==> flow/design.v <==
module gen_sel_unit_v2 #(
  parameter BITS = 10
) (
  input clock,
  input rst,
  input [BITS-1:0] bus_0,
  input [BITS-1:0] bus_1,
  input [BITS-1:0] bus_2,
  input [1:0] choose,
  output [BITS-1:0] res
);
  reg [BITS-1:0] bus_0_q;
  reg [BITS-1:0] bus_1_q;
  reg [BITS-1:0] bus_2_q;
  reg [1:0] choose_q;
  wire [BITS-1:0] r;
  assign r =
    (choose_q == 2'd0) ? bus_0_q :
    (choose_q == 2'd1) ? bus_1_q :
    bus_2_q;
  reg [BITS-1:0] res_q;
  assign res = res_q;
  always @(posedge clock or posedge rst) begin
    if (rst) begin
      bus_0_q <= 0;
      bus_1_q <= 0;
      bus_2_q <= 0;
      choose_q <= 0;
      res_q <= 0;
    end else begin
      bus_0_q <= bus_0;
      bus_1_q <= bus_1;
      bus_2_q <= bus_2;
      choose_q <= choose;
      res_q <= r;
    end
  end
endmodule
======== Reports on gen_sel_unit_v2 ========
Tool output for the design above, in the order of the flow.
Line numbers count from 1 in the design file above.
The mark - stands for no value.
design
  design top .............................. gen_sel_unit_v2
  clock input ............................. clock
  cell library ............................ sky130hd
  timing corner ........................... tt_025C_1v80

======== Elaborated design ========
Source: Yosys, flattened and elaborated, memories not mapped. Widths are those after wreduce; folded enables and synchronous resets count as part of the registers. Registers that Yosys merges into a memory's read port (data or address) are not register bits. Print and check cells do not count. Equal cells are merged and count once.
bit counts
  cells after elaboration ................. 9
  flip-flop bits (word level) ............. 42
  input bits .............................. 34
  output and inout port bits .............. 10
operators by class
  reductions and logical operators ........ 1
  multiplexer cells ....................... 2
  equality and inequality tests ........... 1
operators by type and width
  operator                                                  count
  10-bit 2-to-1 mux                                         2
  2-bit by 1-bit == test with 1-bit output with constant B  1
  2-bit logical NOT                                         1

======== Logic depth ========
Longest topological path by Yosys (ltp), each cell counted once; first at word level (registers and memories cut), then after technology mapping (sequential cells cut; the memories' decode and read muxes count).
depth
  depth in word-level cells ............... 3
  ABC_AREA ................................ 0
  gate-level depth with buffers ........... 3
  depth with buffers taken out ............ 2

======== Netlist ========
The flow's flattened synthesis, as Yosys stat reports it; memories are mapped. The netlist is that of the ABC_AREA named above (0 if unset); the other value can give another one.
Totals and module areas in this step are rounded.
mapped netlist
  synthesis area .......................... 1270 µm²
  sequential area ......................... 1050 µm²
  buffers ................................. 3
  mapped flip-flops ....................... 42
  cell count .............................. 76
cell types
  cell type                 count  total area (µm²)
  sky130_fd_sc_hd__dfrtp_1  42     1.05E+03
  sky130_fd_sc_hd__mux2i_1  10     100.096
  sky130_fd_sc_hd__o21ai_1  9      45.043
  sky130_fd_sc_hd__nand2_1  10     37.536
  sky130_fd_sc_hd__buf_6    1      11.261
  sky130_fd_sc_hd__buf_2    2      10.01
  sky130_fd_sc_hd__o21ai_2  1      8.758
  sky130_fd_sc_hd__inv_1    1      3.754

======== Worst setup path after synthesis ========
Path of least setup slack by OpenSTA after synthesis, without wires, with an ideal clock, recovery checks aside; 20% of the period is set as input and as output delay. Where synthesis merged equal registers, the netlist keeps one of their names.
timing post-synthesis
  path type ............................... register to register
  from .................................... reg (name not given)
  to ...................................... reg res_q[0]
  library setup time ...................... 0.120 ns
  required time ........................... 0.950 ns
  path slack .............................. 0.214 ns
  clock period ............................ 1.07 ns
  arrival time ............................ 0.735 ns
  buffers on the path ..................... 1
  stages on the path ...................... 4
  launch time at the first pin ............ 0.000 ns
  delay of the path ....................... 0.855 ns
  period reached after synthesis .......... 0.856 ns
"delay of the path" is the arrival time less input delay plus setup time.
"stages on the path": output pins that drive a net of the path, with the launching flip-flop's if there is one; two outputs of one cell count as two.
"period reached after synthesis" = period - worst setup slack (recovery checks aside). The figure is calculated, with input and output delays left at 20% of the set period.
Between the ends stands the longest chain of elaborated cells between them, by number of cells; it is not shown to be the way that was timed. Of several equally long chains one is given.
A line is the first line of the expression or statement that the cell stems from. Yosys adds cells for indexed reads and writes and turns some case tables into memories.
on the way, post-synthesis
  cells stage by stage .................... sky130_fd_sc_hd__dfrtp_1 > sky130_fd_sc_hd__buf_6 > sky130_fd_sc_hd__mux2i_1 > sky130_fd_sc_hd__o21ai_2
  length of the longest elaborated chain .. 3
  elaborated cells between the ends (all ways) .. 4
  RTL lines with such cells ............... 2
  those cells by class .................... 1 x eq/ne; 2 x mux; 1 x reduce/logical
RTL lines, path post-synthesis
  item                                      RTL line  source
  from (decl)                               15
  from (assign)                             28
  from (assign)                             34
  2-bit by 1-bit == test with 1-bit output  19
  10-bit 2-to-1 mux                         19
  10-bit 2-to-1 mux                         18
  to (assign)                               29        res_q <= 0;
  to (assign)                               35        res_q <= r;
  to (decl)                                 21        reg [BITS-1:0] res_q;

======== Worst path after layout ========
Path of least setup slack in the final report of stored run 2 (OpenROAD, finished layout, wires in). Where an end is a register, its clock arrival counts in the times.
timing after layout
  path type ............................... register to output
  from .................................... reg res_q[4]
  to ...................................... out res[4]
  arrival time ............................ 1.00 ns
  stages on the path ...................... 2
  required time ........................... 1.10 ns
  buffers on the path ..................... 1
  clock period ............................ 1.38 ns
  output delay ............................ 0.28 ns
  path slack .............................. 0.10 ns
  launch time at the first pin ............ 0.33 ns
on the way, after layout
  cells stage by stage .................... sky130_fd_sc_hd__dfrtp_1 > sky130_fd_sc_hd__dlygate4sd2_1
  length of the longest elaborated chain .. 0
  elaborated cells between the ends (all ways) .. 0
  RTL lines with such cells ............... 0
RTL lines, path after layout
  item           RTL line  source
  from (decl)    21        reg [BITS-1:0] res_q;
  from (assign)  29        res_q <= 0;
  from (assign)  35        res_q <= r;
  to (decl)      10        output [BITS-1:0] res

Subject: gen_sel_unit_v2 on sky130hd, stored results

Hello all,

Settings and measured results of 3 stored flow runs for module gen_sel_unit_v2 (sky130hd), not sorted in any way. The constraints put input and output delay at 20% of the set period each and load the outputs with 0.01 pF.
By "achieved period" is meant the clock period of the run minus its worst setup slack. This is arithmetic on one report: input and output delays are still those of the set period (20% each).
"total power of the final layout": no workload was simulated; the value follows from the tool's default switching activity.
The results are shown rounded.

---- stored run 1 ----
settings
  period_ns = 0.881
  CORE_UTILIZATION = 54
  PLACE_DENSITY_LB_ADDON = 0.02
  CORE_MARGIN = 8
  CELL_PAD_IN_SITES_GLOBAL_PLACEMENT = 1
  CELL_PAD_IN_SITES_DETAIL_PLACEMENT = 1
  GPL_TIMING_DRIVEN = 0
  GPL_ROUTABILITY_DRIVEN = 0
  SLEW_MARGIN = 20
  MIN_ROUTING_LAYER = met1
  MAX_ROUTING_LAYER = met4
  CAP_MARGIN = 20
results
  did not finish, placement stopped with DPL-0033

---- stored run 2 ----
settings
  period_ns = 1.38
  CORE_UTILIZATION = 37
  CORE_MARGIN = 6
  CELL_PAD_IN_SITES_DETAIL_PLACEMENT = 0
  TNS_END_PERCENT = 10
  MIN_ROUTING_LAYER = met1
  MAX_ROUTING_LAYER = met4
  CAP_MARGIN = 20
  SLEW_MARGIN = 20
results
  mapped cell area after synthesis ........ 1270 µm²
  area of the die ......................... 4970 µm²
  standard-cell area after layout ......... 1810 µm²
  lowest setup slack ...................... 0.100 ns
  total power of the final layout ......... 2.15 mW
  achieved period ......................... 1.280 ns

---- stored run 3 ----
settings
  period_ns = 1.07
  CAP_MARGIN = 20
  CORE_MARGIN = 2
  CORE_UTILIZATION = 40
  SLEW_MARGIN = 20
results
  mapped cell area after synthesis ........ 1270 µm²
  area of the die ......................... 3630 µm²
  standard-cell area after layout ......... 1820 µm²
  lowest setup slack ...................... 0.011 ns
  total power of the final layout ......... 2.97 mW
  achieved period ......................... 1.059 ns

Thanks
